==> flow/design.v <==
module adder_la4 (
  input wire [3:0] a,
  input wire [3:0] b,
  input wire ci,
  output wire [3:0] s,
  output wire co
);
  wire [3:0] g = a & b;
  wire [3:0] p = a ^ b;
  wire c1 = g[0] | (p[0] & ci);
  wire c2 = g[1] | (p[1] & g[0]) | (p[1] & p[0] & ci);
  wire c3 = g[2] | (p[2] & g[1]) | (p[2] & p[1] & g[0]) | (p[2] & p[1] & p[0] & ci);
  assign co = g[3] | (p[3] & g[2]) | (p[3] & p[2] & g[1]) | (p[3] & p[2] & p[1] & g[0]) | (&p & ci);
  assign s = p ^ {c3, c2, c1, ci};
endmodule
module adder #(
  parameter WIDTH = 96
) (
  input wire ck,
  input wire clk_en,
  input wire [WIDTH-1:0] src1_i,
  input wire [WIDTH-1:0] src2_i,
  input wire c0_i,
  output reg [WIDTH-1:0] res_o,
  output reg ovf_o
);
  reg [WIDTH-1:0] src1_d1;
  reg [WIDTH-1:0] src2_d1;
  reg c0_d1;
  always @(posedge ck) begin
    if (clk_en) begin
      src1_d1 <= src1_i;
      src2_d1 <= src2_i;
      c0_d1 <= c0_i;
    end
  end
  localparam GROUPS = WIDTH / 4;
  wire [WIDTH-1:0] t;
  wire [GROUPS:0] cy;
  assign cy[0] = c0_d1;
  genvar ii;
  generate
    for (ii = 0; ii < GROUPS; ii = ii + 1) begin : row
      adder_la4 u (.a(src1_d1[4*ii +: 4]), .b(src2_d1[4*ii +: 4]), .ci(cy[ii]), .s(t[4*ii +: 4]), .co(cy[ii+1]));
    end
  endgenerate
  always @(posedge ck) begin
    if (clk_en) begin
      res_o <= t;
      ovf_o <= cy[GROUPS];
    end
  end
endmodule
== Step by step through the tools: adder ==
Tool output for the design above, in the order of the flow.
Line numbers count from 1 in the design file above.
Cell names lack the library's common part.
A cell with -- has no value.
Inputs
  top module: adder
  clock input: ck
  library: sky130hd
  timing corner: tt_025C_1v80

== Word level ==
Yosys after proc, flatten, opt, wreduce and memory -nomap, before mapping. Enables and synchronous resets that opt folds into registers are not counted as muxes. Memory bits, and registers merged into a memory's read port (data or address), are not among the register bits. Print and check cells are not counted. Equal cells are merged and count once.
Storage and ports
  bits of input ports: 195
  register bits after elaboration: 290
  output and inout bits: 97
  cells after elaboration: 701
Cells by class
  bitwise logic cells: 672
  reductions and logical operators: 24
Operator list (number)
  AND 1 bit: 360
  OR 1 bit: 240
  bitwise XOR 4 bit: 48
  AND 4 bit: 24
  AND reduction 4 bit: 24

== Longest topological paths ==
Longest topological path by Yosys (ltp), each cell counted once; first at word level (registers and memories cut), then after technology mapping (sequential cells cut; the memories' decode and read muxes count).
Logic depth
  word-level depth: 53
  ABC_AREA: 0
  gate-level depth with buffers: 13
  mapped depth without buffers: 13

== Mapped cells and area ==
The flow's flattened synthesis, as Yosys stat reports it; memories are mapped. The netlist is that of the ABC_AREA named above (0 if unset); the other value can give another one.
Totals and module areas in this step are rounded.
Mapped netlist
  sequential part of the area: 0.00871 mm^2
  chip area (Yosys): 0.0128 mm^2
  mapped cells: 798
  flip-flops: 290
  buffer cells: 0
Cell types
  edfxtp_1: number 290, total area 8.71E+03 um^2
  ha_1: number 96, total area 1.2E+03 um^2
  fa_1: number 24, total area 480.461 um^2
  xor2_1: number 38, total area 332.819 um^2
  a21oi_1: number 63, total area 315.302 um^2
  xnor2_1: number 32, total area 280.269 um^2
  a21o_1: number 21, total area 157.651 um^2
  nand2_1: number 39, total area 146.39 um^2
  nor2_1: number 29, total area 108.854 um^2
  o21ai_0: number 21, total area 105.101 um^2
  inv_1: number 23, total area 86.333 um^2
  o21a_1: number 10, total area 75.072 um^2
  nand4_1: number 11, total area 68.816 um^2
  o211ai_1: number 7, total area 52.55 um^2
  o21ai_1: number 10, total area 50.048 um^2
  nor3_1: number 9, total area 45.043 um^2
  o21bai_1: number 6, total area 45.043 um^2
  nand3_1: number 7, total area 35.034 um^2
Other cell types: 36; their cells: 62.
By module: a second synthesis without flattening, with its own total; a netlist apart from the flattened one above.
Unflattened totals
  cells (unflattened synthesis): 698
  area (unflattened synthesis): 0.0123 mm^2
Each row is one instance without its submodules.
Modules
  adder: times used 1, seq. area 0.00871 mm^2, cells 290, area 0.00871 mm^2
  adder_la4: times used 24, seq. area 0 mm^2, cells 17, area 0.000148 mm^2

== Worst setup path after synthesis ==
Source: OpenSTA report_checks on the synthesized netlist (no wires, ideal clock, input and output delay 20% of the period each), path of least setup slack; recovery checks are left aside. Register names are those of the netlist, which keeps one name where synthesis merged equal registers.
Timing path post-synthesis
  kind: register -> register
  start: register src2_d1[12]
  end: register res_o[93]
  time at the first pin: 0.000 ns
  slack: 0.846 ns
  driving pins on the path: 14
  data arrival time: 3.115 ns
  delay of the path: 3.374 ns
  buffers on the path: 0
  period: 4.22 ns
  required time: 3.961 ns
  period reached after synthesis: 3.374 ns
"delay of the path" is the arrival time less input delay plus setup time.
"driving pins on the path" counts driving pins, that of a launching flip-flop among them; a cell with two outputs on the path counts twice.
"period reached after synthesis" is the clock period less the worst setup slack; recovery checks do not enter. This is arithmetic on one report: input and output delays are still those of the set period (20% each).
The rows between start and end are the longest chain of elaborated cells between them; the timing report does not say that the signal goes this way. Where chains are equally long, one stands for them.
A line is the first line of the expression or statement that the cell stems from. Yosys adds cells for indexed reads and writes and turns some case tables into memories.
On the way, post-synthesis
  cell sequence: edfxtp_1 > ha_1 > nand4_1 > o22ai_1 > a22oi_1 > a21oi_1 > o311ai_4 > o21ai_1 > a211o_1 > nor3_1 > nor2_1 > a21o_1 > fa_1 > xor2_1
  length of the longest elaborated chain: 45
  elaborated cells between the ends (all ways): 48
  source lines of those cells: 5
  those cells by class: logic (47); reduce/logical (1)
Ends and longest elaborated chain, post-synthesis
  start, declared: RTL line 28  | reg [WIDTH-1:0] src2_d1;
  start, assigned: RTL line 33  | src2_d1 <= src2_i;
  AND 4 bit: RTL line 8  | wire [3:0] g = a & b;
  AND 1 bit: RTL line 13  | assign co = g[3] | (p[3] & g[2]) | (p[3] & p[2] & g[1]) | (p[3] & p[2] & p[1] & g[0]) | (&p & ci);
  OR 1 bit x2: RTL line 13
  AND 1 bit: RTL line 13
  OR 1 bit: RTL line 13
  AND 1 bit: RTL line 13
  OR 1 bit: RTL line 13
  [... 30 more ...]
  AND 1 bit: RTL line 13
  OR 1 bit: RTL line 13
  AND 1 bit: RTL line 13
  OR 1 bit: RTL line 13
  AND 1 bit: RTL line 10  | wire c1 = g[0] | (p[0] & ci);
  OR 1 bit: RTL line 10
  bitwise XOR 4 bit: RTL line 14  | assign s = p ^ {c3, c2, c1, ci};
  end, assigned: RTL line 49  | res_o <= t;
  end, declared: RTL line 24  | output reg [WIDTH-1:0] res_o,

== Worst path after layout ==
From the final timing report of record 1: the path of least setup slack in the routed layout; clock arrival at registers is part of the times.
Timing path after layout
  kind: register -> register
  start: register src2_d1[17]
  end: register res_o[93]
  driving pins on the path: 14
  slack: 0.36 ns
  buffers on the path: 0
  time at the first pin: 0.49 ns
  data arrival time: 4.10 ns
  required time: 4.47 ns
  period: 4.22 ns
The rows between start and end are the longest chain of elaborated cells between them; the timing report does not say that the signal goes this way. Where chains are equally long, one stands for them.
On the way, after layout
  cell sequence: edfxtp_1 > ha_1 > a21oi_1 > o21ai_0 > a21oi_1 > a21oi_1 > o311ai_4 > o21ai_1 > a211o_1 > nor3_1 > nor2_1 > a21o_1 > fa_1 > xor2_1
  length of the longest elaborated chain: 44
  elaborated cells between the ends (all ways): 49
  source lines of those cells: 5
  those cells by class: logic (48); reduce/logical (1)
Ends and longest elaborated chain, after layout
  start, declared: RTL line 28  | reg [WIDTH-1:0] src2_d1;
  start, assigned: RTL line 33  | src2_d1 <= src2_i;
  AND 4 bit: RTL line 8  | wire [3:0] g = a & b;
  AND 1 bit: RTL line 13  | assign co = g[3] | (p[3] & g[2]) | (p[3] & p[2] & g[1]) | (p[3] & p[2] & p[1] & g[0]) | (&p & ci);
  OR 1 bit x3: RTL line 13
  AND 1 bit: RTL line 13
  OR 1 bit: RTL line 13
  AND 1 bit: RTL line 13
  OR 1 bit: RTL line 13
  [... 28 more ...]
  AND 1 bit: RTL line 13
  OR 1 bit: RTL line 13
  AND 1 bit: RTL line 13
  OR 1 bit: RTL line 13
  AND 1 bit: RTL line 10  | wire c1 = g[0] | (p[0] & ci);
  OR 1 bit: RTL line 10
  bitwise XOR 4 bit: RTL line 14  | assign s = p ^ {c3, c2, c1, ci};
  end, assigned: RTL line 49  | res_o <= t;
  end, declared: RTL line 24  | output reg [WIDTH-1:0] res_o,

# Flow runs of adder

3 stored runs of adder in the flow (synthesis by Yosys, layout by OpenROAD, sky130hd cells), in arbitrary order. Constraints: input delay and output delay 20% of the set period each, output load 0.01 pF.
"reached clock period" means the clock period less the worst setup slack. The figure is calculated, with input and output delays left at 20% of the set period.
"power consumption" is the tool's figure for a default switching activity; nothing was simulated.
Measured values are rounded.

==> record 1: settings <==
{ "period_ns": 4.22, "CAP_MARGIN": 20, "CORE_MARGIN": 2, "CORE_UTILIZATION": 40, "SLEW_MARGIN": 20 }
==> record 1: results <==
power consumption: 8370 µW
area of the standard cells in the finished layout: 0.0175 mm^2
total negative setup slack: 0.000 ns
mapped cell area after synthesis: 0.0128 mm^2
reached clock period: 3.855 ns
die area: 0.0335 mm^2
lowest setup slack: 0.365 ns
final design utilization: 55.4 %

==> record 2: settings <==
{ "period_ns": 4.52, "CORE_UTILIZATION": 48, "SETUP_SLACK_MARGIN": -0.28, "PLACE_DENSITY_LB_ADDON": 0.01, "CORE_ASPECT_RATIO": 0.51, "TNS_END_PERCENT": 20, "GPL_ROUTABILITY_DRIVEN": 1, "CTS_CLUSTER_SIZE": 65, "CTS_CLUSTER_DIAMETER": 27, "CAP_MARGIN": 25, "MIN_ROUTING_LAYER": "met1", "CORE_MARGIN": 2, "SLEW_MARGIN": 20 }
==> record 2: results <==
power consumption: 8390 µW
area of the standard cells in the finished layout: 0.0177 mm^2
total negative setup slack: 0.000 ns
mapped cell area after synthesis: 0.0128 mm^2
reached clock period: 4.078 ns
die area: 0.0281 mm^2
lowest setup slack: 0.442 ns
final design utilization: 68.0 %

==> record 3: settings <==
{ "period_ns": 4.81, "CORE_UTILIZATION": 38, "PLACE_DENSITY_LB_ADDON": 0.01, "CTS_CLUSTER_SIZE": 27, "SLEW_MARGIN": 30, "CAP_MARGIN": 20, "CORE_MARGIN": 2 }
==> record 3: results <==
power consumption: 7140 µW
area of the standard cells in the finished layout: 0.0175 mm^2
total negative setup slack: 0.000 ns
mapped cell area after synthesis: 0.0128 mm^2
reached clock period: 3.816 ns
die area: 0.0352 mm^2
lowest setup slack: 0.994 ns
final design utilization: 52.4 %
